==> flow/design.v <==
module add_unit_v2 #(
   parameter DWIDTH = 120,
   parameter GROUP = 12
) (
   input logic ck,
   input logic [DWIDTH-1:0] in_first,
   input logic [DWIDTH-1:0] in_second,
   input logic in_carry_in,
   output logic [DWIDTH-1:0] out_sum,
   output logic out_carry
);
   logic [DWIDTH-1:0] first_r;
   logic [DWIDTH-1:0] second_r;
   logic carry_in_r;
   localparam NG = DWIDTH / GROUP;
   logic [DWIDTH-1:0] r;
   logic [NG:0] chain;
   assign chain[0] = carry_in_r;
   for (genvar gi = 0; gi < NG; gi++) begin : gen
      wire [GROUP:0] s0 = first_r[gi*GROUP +: GROUP] + second_r[gi*GROUP +: GROUP];
      wire [GROUP:0] s1 = first_r[gi*GROUP +: GROUP] + second_r[gi*GROUP +: GROUP] + 1'b1;
      assign {chain[gi+1], r[gi*GROUP +: GROUP]} = chain[gi] ? s1 : s0;
   end
   always_ff @(posedge ck) begin
      first_r <= in_first;
      second_r <= in_second;
      carry_in_r <= in_carry_in;
      out_sum <= r;
      out_carry <= chain[NG];
   end
endmodule
# Step by step through the tools: add_unit_v2
# What the tools print for add_unit_v2, step after step.
# Line numbers count from 1 in the design file above.
# Library cell names are shortened.
# The mark n/a stands for no value.
dict set report design {
  design {add_unit_v2}
  clock_port {ck}
  library {sky130hd}
  lib_corner {tt_025C_1v80}
}

# After elaboration
# Counts by Yosys on the flattened word-level netlist (proc, flatten, opt, wreduce; memories kept). Register bits leave out memories and registers merged into their read ports (data or address); mux counts leave out enables and synchronous resets folded into registers. Print and check cells are left out. Cells with the same type and inputs are merged into one.
dict set report op_classes {
  add_sub_neg 20
  mul 0
  div_mod_pow 0
  n_cmp 0
  n_eq 0
  shift 0
  muxes 10
  n_logic 0
  reduce_and_logical 0
}
# op n
set ops {}
lappend ops {{12-bit by 12-bit adder with 13-bit output} 10}
lappend ops {{13-bit by 1-bit adder with 13-bit output with constant B} 10}
lappend ops {{13-bit 2-to-1 mux} 10}
dict set report bits {
  reg_bits 362
  latchBits 0
  mem_bits_rw 0
  mem_bits_ro 0
  clocked_rd_ports_x_width 0
  n_memories 0
  in_bits 242
  output_inout_bits 121
}

# Longest topological paths
# Depth = most cells in a row (Yosys ltp): at word level without a register or memory, in the mapped netlist without a sequential cell, where the memories' decode and read muxes count.
dict set report depth {
  word_depth 12
  abc_area 0
  ltp_mapped 22
}

# Netlist
# Source: synth_stat.txt of the flow (Yosys; design flattened, memories mapped). It holds for the ABC_AREA given above (unset counts as 0); a run with the other value may have another netlist.
dict set report mapped {
  stdcells 1470
  synth_area_um2 15217.1
  sequential_area_um2 7247.0
  flip_flops 362
  buf_cells 17
}
# type n
set types {}
lappend types {dfxtp_1 362}
lappend types {ha_1 130}
lappend types {xnor2_1 144}
lappend types {xor2_1 53}
lappend types {a21oi_1 85}
lappend types {nor2_1 91}
lappend types {nand2_1 88}
lappend types {inv_1 73}
lappend types {o21bai_1 35}
lappend types {a21o_1 32}
lappend types {nand3_1 41}
lappend types {fa_1 10}
lappend types {o21ai_0 34}
lappend types {nor3_1 32}
lappend types {o21a_1 21}
lappend types {and3_1 21}
lappend types {o211ai_1 16}
lappend types {mux2_2 8}
# Other cell types: 58; their cells: 194.

# Timing after synthesis
# Source: OpenSTA report_checks on the synthesized netlist (no wires, ideal clock, input and output delay 20% of the period each), path of least setup slack; recovery checks are left aside. Register names are those of the netlist, which keeps one name where synthesis merged equal registers.
dict set report synth_timing {
  path_kind {reg-to-reg}
  start {register first_r[12]}
  end {register out_sum[118]}
  clock_period_ps 6730
  setup_time_ps 129
  t_arrival_ps 5257
  required_time_ps 6601
  path_slack_ps 1344
  path_delay_ps 5386
  path_stages 20
  n_path_buf 1
  period_less_setup_slack_ps 5386
}
# "path_delay_ps" = arrival - input delay + setup time.
# "path_stages": output pins that drive a net of the path, with the launching flip-flop's if there is one; two outputs of one cell count as two.
# "period_less_setup_slack_ps" = period - worst setup slack (recovery checks aside). The figure is calculated, with input and output delays left at 20% of the set period.
# The rows between start and end are the longest chain of elaborated cells between them; the timing report does not say that the signal goes this way. Where chains are equally long, one stands for them.
# A line is the first line of the expression or statement that the cell stems from. Yosys adds cells for indexed reads and writes and turns some case tables into memories.
dict set report synth_between {
  cell_sequence {dfxtp_1 -> ha_1 -> fa_1 -> a211o_1 -> a2111oi_0 -> o21ai_0 -> a211o_1 -> nand4b_1 -> a2111o_1 -> and3_4 -> o2111a_1 -> o2111a_1 -> o21a_1 -> or3_4 -> and3_4 -> nor4_2 -> or2_4 -> buf_8 -> mux2_4 -> xor2_2}
  elab_chain_len 11
  cone_cells 11
  classes_between {add/sub (2); mux (9)}
}
# item line
set synth_lines {}
lappend synth_lines {{from (decl)} 12} ;# logic [DWIDTH-1:0] first_r;
lappend synth_lines {{from (assign)} 25} ;# first_r <= in_first;
lappend synth_lines {{12-bit by 12-bit adder with 13-bit output} 21} ;# wire [GROUP:0] s1 = first_r[gi*GROUP +: GROUP] + second_r[gi*GROUP +: GROUP] + 1'b1;
lappend synth_lines {{13-bit by 1-bit adder with 13-bit output} 21}
lappend synth_lines {{13-bit 2-to-1 mux (9 in a row)} 22} ;# assign {chain[gi+1], r[gi*GROUP +: GROUP]} = chain[gi] ? s1 : s0;
lappend synth_lines {{to (assign)} 28} ;# out_sum <= r;
lappend synth_lines {{to (decl)} 9} ;# output logic [DWIDTH-1:0] out_sum,

# Path in the finished layout
# Path of least setup slack in the final report of run 1 (OpenROAD, finished layout, wires in). Where an end is a register, its clock arrival counts in the times.
# The report prints the path's times to 10 ps; the period is as set.
dict set report layout_timing {
  path_kind {reg-to-reg}
  start {register first_r[12]}
  end {register out_sum[109]}
  clock_period_ps 3710
  setup_time_ps 90
  t_arrival_ps 5910
  required_time_ps 4140
  path_slack_ps -1770
  path_stages 20
  n_path_buf 1
}
# The rows between start and end are the longest chain of elaborated cells between them; the timing report does not say that the signal goes this way. Where chains are equally long, one stands for them.
dict set report layout_between {
  cell_sequence {dfxtp_1 -> ha_4 -> fa_2 -> a211o_1 -> buf_6 -> a2111oi_4 -> o21ai_2 -> a211o_1 -> nand4b_1 -> a2111o_1 -> and3_4 -> o2111a_2 -> o2111a_2 -> o21a_1 -> or3_4 -> a21oi_2 -> nor4_4 -> or2_4 -> xnor2_2 -> mux2_4}
  elab_chain_len 11
  cone_cells 11
  classes_between {add/sub (2); mux (9)}
}
# item line
set layout_lines {}
lappend layout_lines {{from (decl)} 12} ;# logic [DWIDTH-1:0] first_r;
lappend layout_lines {{from (assign)} 25} ;# first_r <= in_first;
lappend layout_lines {{12-bit by 12-bit adder with 13-bit output} 21} ;# wire [GROUP:0] s1 = first_r[gi*GROUP +: GROUP] + second_r[gi*GROUP +: GROUP] + 1'b1;
lappend layout_lines {{13-bit by 1-bit adder with 13-bit output} 21}
lappend layout_lines {{13-bit 2-to-1 mux (9 in a row)} 22} ;# assign {chain[gi+1], r[gi*GROUP +: GROUP]} = chain[gi] ? s1 : s0;
lappend layout_lines {{to (assign)} 28} ;# out_sum <= r;
lappend layout_lines {{to (decl)} 9} ;# output logic [DWIDTH-1:0] out_sum,

# Top module add_unit_v2; platform sky130hd; tools Yosys and OpenROAD; 3 stored runs in no particular order. Input and output delays are each 20% of the period that was set; the output load is 0.01 pF.
# "achieved_period_ps" means the clock period less the worst setup slack. The figure is calculated, with input and output delays left at 20% of the set period.
# "worst_setup_path_time_ps" = time allowed to the worst setup path (clock period - input delay - output delay, where it has them) - its slack; a late launch clock adds to it, a late capture clock takes from it.
# "design_power_w" is the tool's figure for a default switching activity; nothing was simulated.
# "worst_setup_path_time_ps" is given in steps of 10 ps.
run="run 1" settings period_ns=3.71 CORE_UTILIZATION=62 SETUP_SLACK_MARGIN=-0.24 PLACE_DENSITY=0.78 HOLD_SLACK_MARGIN=-0.04 CELL_PAD_IN_SITES_DETAIL_PLACEMENT=0 GPL_ROUTABILITY_DRIVEN=0 CTS_CLUSTER_SIZE=46 CTS_CLUSTER_DIAMETER=116 CAP_MARGIN=5 MAX_ROUTING_LAYER="met4" CORE_MARGIN=2 SLEW_MARGIN=20
run="run 1" results ws_setup_ps=-1768 yosys.chip_area_um2=15217.1 util_pct=92.2 timing.setup.tns_ps=-100271 die_area_um2=25813.2 worst_hold_slack_ps=593 finalCellArea_um2=22297.6 achieved_period_ps=5478 design_power_w=0.009681 worst_setup_path_time_ps=5480 worst_setup_path_type="reg-to-reg"
run="run 2" settings period_ns=6.73 CAP_MARGIN=20 CORE_MARGIN=2 CORE_UTILIZATION=40 SLEW_MARGIN=20
run="run 2" results design_power_w=0.006082 die_area_um2=39618.9 worst_setup_path_time_ps=6160 worst_setup_path_type="reg-to-reg" util_pct=55.2 worst_hold_slack_ps=514 ws_setup_ps=572 finalCellArea_um2=20747.4 achieved_period_ps=6158 timing.setup.tns_ps=0 yosys.chip_area_um2=15217.1
run="run 3" settings period_ns=3.45 CORE_UTILIZATION=65 PLACE_DENSITY=0.37 CORE_ASPECT_RATIO=0.97 CORE_MARGIN=6 CELL_PAD_IN_SITES_GLOBAL_PLACEMENT=0 TNS_END_PERCENT=10 CTS_CLUSTER_SIZE=45 SLEW_MARGIN=20 MAX_ROUTING_LAYER="met5" CAP_MARGIN=20
run="run 3" outcome="unfinished; error DPL-0038 in clock tree synthesis"
